==> flow/design.v <==
module my_mul_core (clk_i, rstn, i_u, i_v, o_mul);
   parameter integer DATA_W = 4;
   input clk_i;
   input rstn;
   input [DATA_W-1:0] i_u;
   input [DATA_W-1:0] i_v;
   output reg [2*DATA_W-1:0] o_mul;
   always @(posedge clk_i) begin
      if (!rstn) begin
         o_mul <= 0;
      end else begin
         o_mul <= i_u * i_v;
      end
   end
endmodule
### Step by step through the tools: my_mul_core

What the tools print for my_mul_core, step after step.
Lines are those of the file above, counted from 1.
The mark n/a stands for no value.

| inputs | value |
|---|---|
| top | my_mul_core |
| clock | clk_i |
| library | sky130hd |
| corner | tt_025C_1v80 |

### Word-level counts

Counts by Yosys on the flattened word-level netlist (proc, flatten, opt, wreduce; memories kept). Register bits leave out memories and registers merged into their read ports (data or address); mux counts leave out enables and synchronous resets folded into registers. Print and check cells are left out. Cells with the same type and inputs are merged into one.

| storage and ports | value |
|---|---|
| output and inout bits | 8 |
| bits of input ports | 10 |
| elaborated cells | 2 |
| register bits | 8 |

| operators by class | value |
|---|---|
| multiply operators | 1 |

Operator list:

| operator | number |
|---|---|
| 4-bit by 4-bit multiplier with 8-bit output | 1 |

### Longest topological paths

Yosys ltp: most cells in a row. Word level: on the elaborated netlist, between registers, memories and ports. Mapped: between sequential cells and ports; inverters and the memories' decode and read muxes count.

| depth | value |
|---|---|
| word-level depth | 1 |
| ABC_AREA | 0 |
| mapped depth | 8 |
| mapped depth without buffers | 8 |

### After synthesis

Yosys stat after the flow's synthesis: flattened, memories mapped to cells. It holds for the ABC_AREA given above (unset counts as 0); a run with the other value may have another netlist.

Cell types:

| cell | number | total area (um^2) |
|---|---|---|
| sky130_fd_sc_hd__dfxtp_1 | 8 | 160.154 |
| sky130_fd_sc_hd__ha_1 | 12 | 150.144 |
| sky130_fd_sc_hd__and2_1 | 16 | 100.096 |
| sky130_fd_sc_hd__fa_1 | 4 | 80.077 |
| sky130_fd_sc_hd__nand2_1 | 5 | 18.768 |
| sky130_fd_sc_hd__a21o_1 | 2 | 15.014 |
| sky130_fd_sc_hd__nand3b_1 | 2 | 15.014 |
| sky130_fd_sc_hd__a211oi_2 | 1 | 12.512 |
| sky130_fd_sc_hd__mux2i_1 | 1 | 10.01 |
| sky130_fd_sc_hd__nand4b_1 | 1 | 8.758 |
| sky130_fd_sc_hd__o2111ai_1 | 1 | 8.758 |
| sky130_fd_sc_hd__o21ai_2 | 1 | 8.758 |
| sky130_fd_sc_hd__o311ai_0 | 1 | 8.758 |
| sky130_fd_sc_hd__or3b_1 | 1 | 8.758 |
| sky130_fd_sc_hd__xor2_1 | 1 | 8.758 |
| sky130_fd_sc_hd__a211oi_1 | 1 | 7.507 |
| sky130_fd_sc_hd__inv_1 | 2 | 7.507 |
| sky130_fd_sc_hd__nor2_1 | 2 | 7.507 |

Not listed: further types 6, cells in them 6.

| synthesis totals | value |
|---|---|
| standard cells after synthesis | 68 |
| area of sequential cells | 160.2 um^2 |
| mapped flip-flops | 8 |
| cell area after synthesis | 669.4 um^2 |
| buffer cells | 1 |

### Path before layout

Source: OpenSTA report_checks on the synthesized netlist (no wires, ideal clock, input and output delay 20% of the period each), path of least setup slack; recovery checks are left aside. Register names are those of the netlist, which keeps one name where synthesis merged equal registers.

| timing post-synthesis | value |
|---|---|
| kind | input to register |
| start | input port i_u[0] |
| end | register o_mul[7] |
| data arrival time | 2.815 ns |
| required time | 3.373 ns |
| clock period | 3.5 ns |
| delay of the path | 2.242 ns |
| slack | 0.558 ns |
| driving pins on the path | 8 |
| input delay | 0.700 ns |
| time at the first pin | 0.700 ns |
| library setup time | 0.127 ns |
| buffers on the path | 0 |
| period reached after synthesis | 2.942 ns |

"delay of the path" is the arrival time less input delay plus setup time.
"driving pins on the path": output pins that drive a net of the path, with the launching flip-flop's if there is one; two outputs of one cell count as two.
"period reached after synthesis" is the clock period less the worst setup slack; recovery checks do not enter. This is arithmetic on one report: input and output delays are still those of the set period (20% each).
The rows between start and end are the longest chain of elaborated cells between them; the timing report does not say that the signal goes this way. Where chains are equally long, one stands for them.
A line is the first line of the expression or statement that the cell stems from. Yosys adds cells for indexed reads and writes and turns some case tables into memories.

| on the way, post-synthesis | value |
|---|---|
| path through | sky130_fd_sc_hd__nand2_1 -> sky130_fd_sc_hd__fa_1 -> sky130_fd_sc_hd__inv_1 -> sky130_fd_sc_hd__fa_1 -> sky130_fd_sc_hd__ha_1 -> sky130_fd_sc_hd__a211oi_2 -> sky130_fd_sc_hd__nor3_1 -> sky130_fd_sc_hd__or3b_1 |
| cells in the longest elaborated chain | 1 |
| elaborated cells between the ends (all ways) | 1 |
| source lines of those cells | 1 |
| those cells by class | 1 x mul |

RTL lines, path post-synthesis:

| element | RTL line | source |
|---|---|---|
| from (decl) | 5 | `input [DATA_W-1:0] i_u;` |
| 4-bit by 4-bit multiplier with 8-bit output | 12 | `o_mul <= i_u * i_v;` |
| to (assign) | 10 | `o_mul <= 0;` |
| to (assign) | 12 |  |
| to (decl) | 7 | `output reg [2*DATA_W-1:0] o_mul;` |

### Path in the finished layout

From the final timing report of flow run B: the path of least setup slack in the routed layout; clock arrival at registers is part of the times.

| timing after layout | value |
|---|---|
| kind | input to register |
| start | input port i_u[0] |
| end | register o_mul[7] |
| required time | 3.63 ns |
| data arrival time | 3.42 ns |
| driving pins on the path | 9 |
| library setup time | 0.12 ns |
| time at the first pin | 0.70 ns |
| input delay | 0.70 ns |
| slack | 0.21 ns |
| buffers on the path | 1 |
| clock period | 3.5 ns |

The rows between start and end are the longest chain of elaborated cells between them; the timing report does not say that the signal goes this way. Where chains are equally long, one stands for them.

| on the way, after layout | value |
|---|---|
| path through | sky130_fd_sc_hd__clkdlybuf4s50_1 -> sky130_fd_sc_hd__nand2_1 -> sky130_fd_sc_hd__fa_1 -> sky130_fd_sc_hd__inv_1 -> sky130_fd_sc_hd__fa_1 -> sky130_fd_sc_hd__ha_1 -> sky130_fd_sc_hd__a211oi_2 -> sky130_fd_sc_hd__nor3_1 -> sky130_fd_sc_hd__or3b_1 |
| cells in the longest elaborated chain | 1 |
| elaborated cells between the ends (all ways) | 1 |
| source lines of those cells | 1 |
| those cells by class | 1 x mul |

RTL lines, path after layout:

| element | RTL line | source |
|---|---|---|
| from (decl) | 5 | `input [DATA_W-1:0] i_u;` |
| 4-bit by 4-bit multiplier with 8-bit output | 12 | `o_mul <= i_u * i_v;` |
| to (assign) | 10 | `o_mul <= 0;` |
| to (assign) | 12 |  |
| to (decl) | 7 | `output reg [2*DATA_W-1:0] o_mul;` |

Data sheet: physical implementation of my_mul_core

Top module my_mul_core; platform sky130hd; tools Yosys and OpenROAD; 3 stored runs in no particular order. Input and output delays are each 20% of the period that was set; the output load is 0.01 pF.
"time of the worst setup path" means the part of the period allowed to the worst setup path (the constraints hold back 20% at inputs and 20% at outputs) less its slack; where the path has registers, the arrival times of their clocks count too.
"total power of the final layout" rests on the timing tool's default activity at the inputs, not on a simulated workload.
Settings: - = not set for that run.
Among the results, - means that no value is shown for the run.

| run | period_ns | CORE_UTILIZATION | SETUP_SLACK_MARGIN | PLACE_DENSITY_LB_ADDON | CORE_ASPECT_RATIO | CELL_PAD_IN_SITES_GLOBAL_PLACEMENT | CELL_PAD_IN_SITES_DETAIL_PLACEMENT | TNS_END_PERCENT | ABC_AREA | GPL_ROUTABILITY_DRIVEN | SLEW_MARGIN | MIN_ROUTING_LAYER | CAP_MARGIN | CORE_MARGIN | CTS_CLUSTER_DIAMETER | netlist area reported by Yosys (um^2) | time of the worst setup path (ns) | worst path kind | area of the die (um^2) | worst hold slack (ns) | setup slack of the worst path (ns) | total power of the final layout (mW) | setup TNS (ns) | standard-cell area of the final layout (um^2) |
|---|---|---|---|---|---|---|---|---|---|---|---|---|---|---|---|---|---|---|---|---|---|---|---|---|
| flow run A | 5.11 | 47 | 0.68 | 0.06 | 0.71 | 3 | 0 | 5 | 1 | 0 | 35 | met1 | 20 | 2 | - | - | - | - | - | - | - | - | - | - |
| flow run B | 3.5 | 40 | - | - | - | - | - | - | - | - | 20 | - | 20 | 2 | - | 669.4 | 2.59 | input to register | 2016.9 | 1.101 | 0.213 | 0.2877 | 0.000 | 922.1 |
| flow run C | 3.78 | 27 | - | 0.01 | - | - | - | - | 0 | - | 10 | - | 20 | 2 | 229 | 669.4 | 2.63 | input to register | 2893.4 | 1.145 | 0.393 | 0.2632 | 0.000 | 894.6 |

Flow run A: no final report: placement broke off with FLW-0024
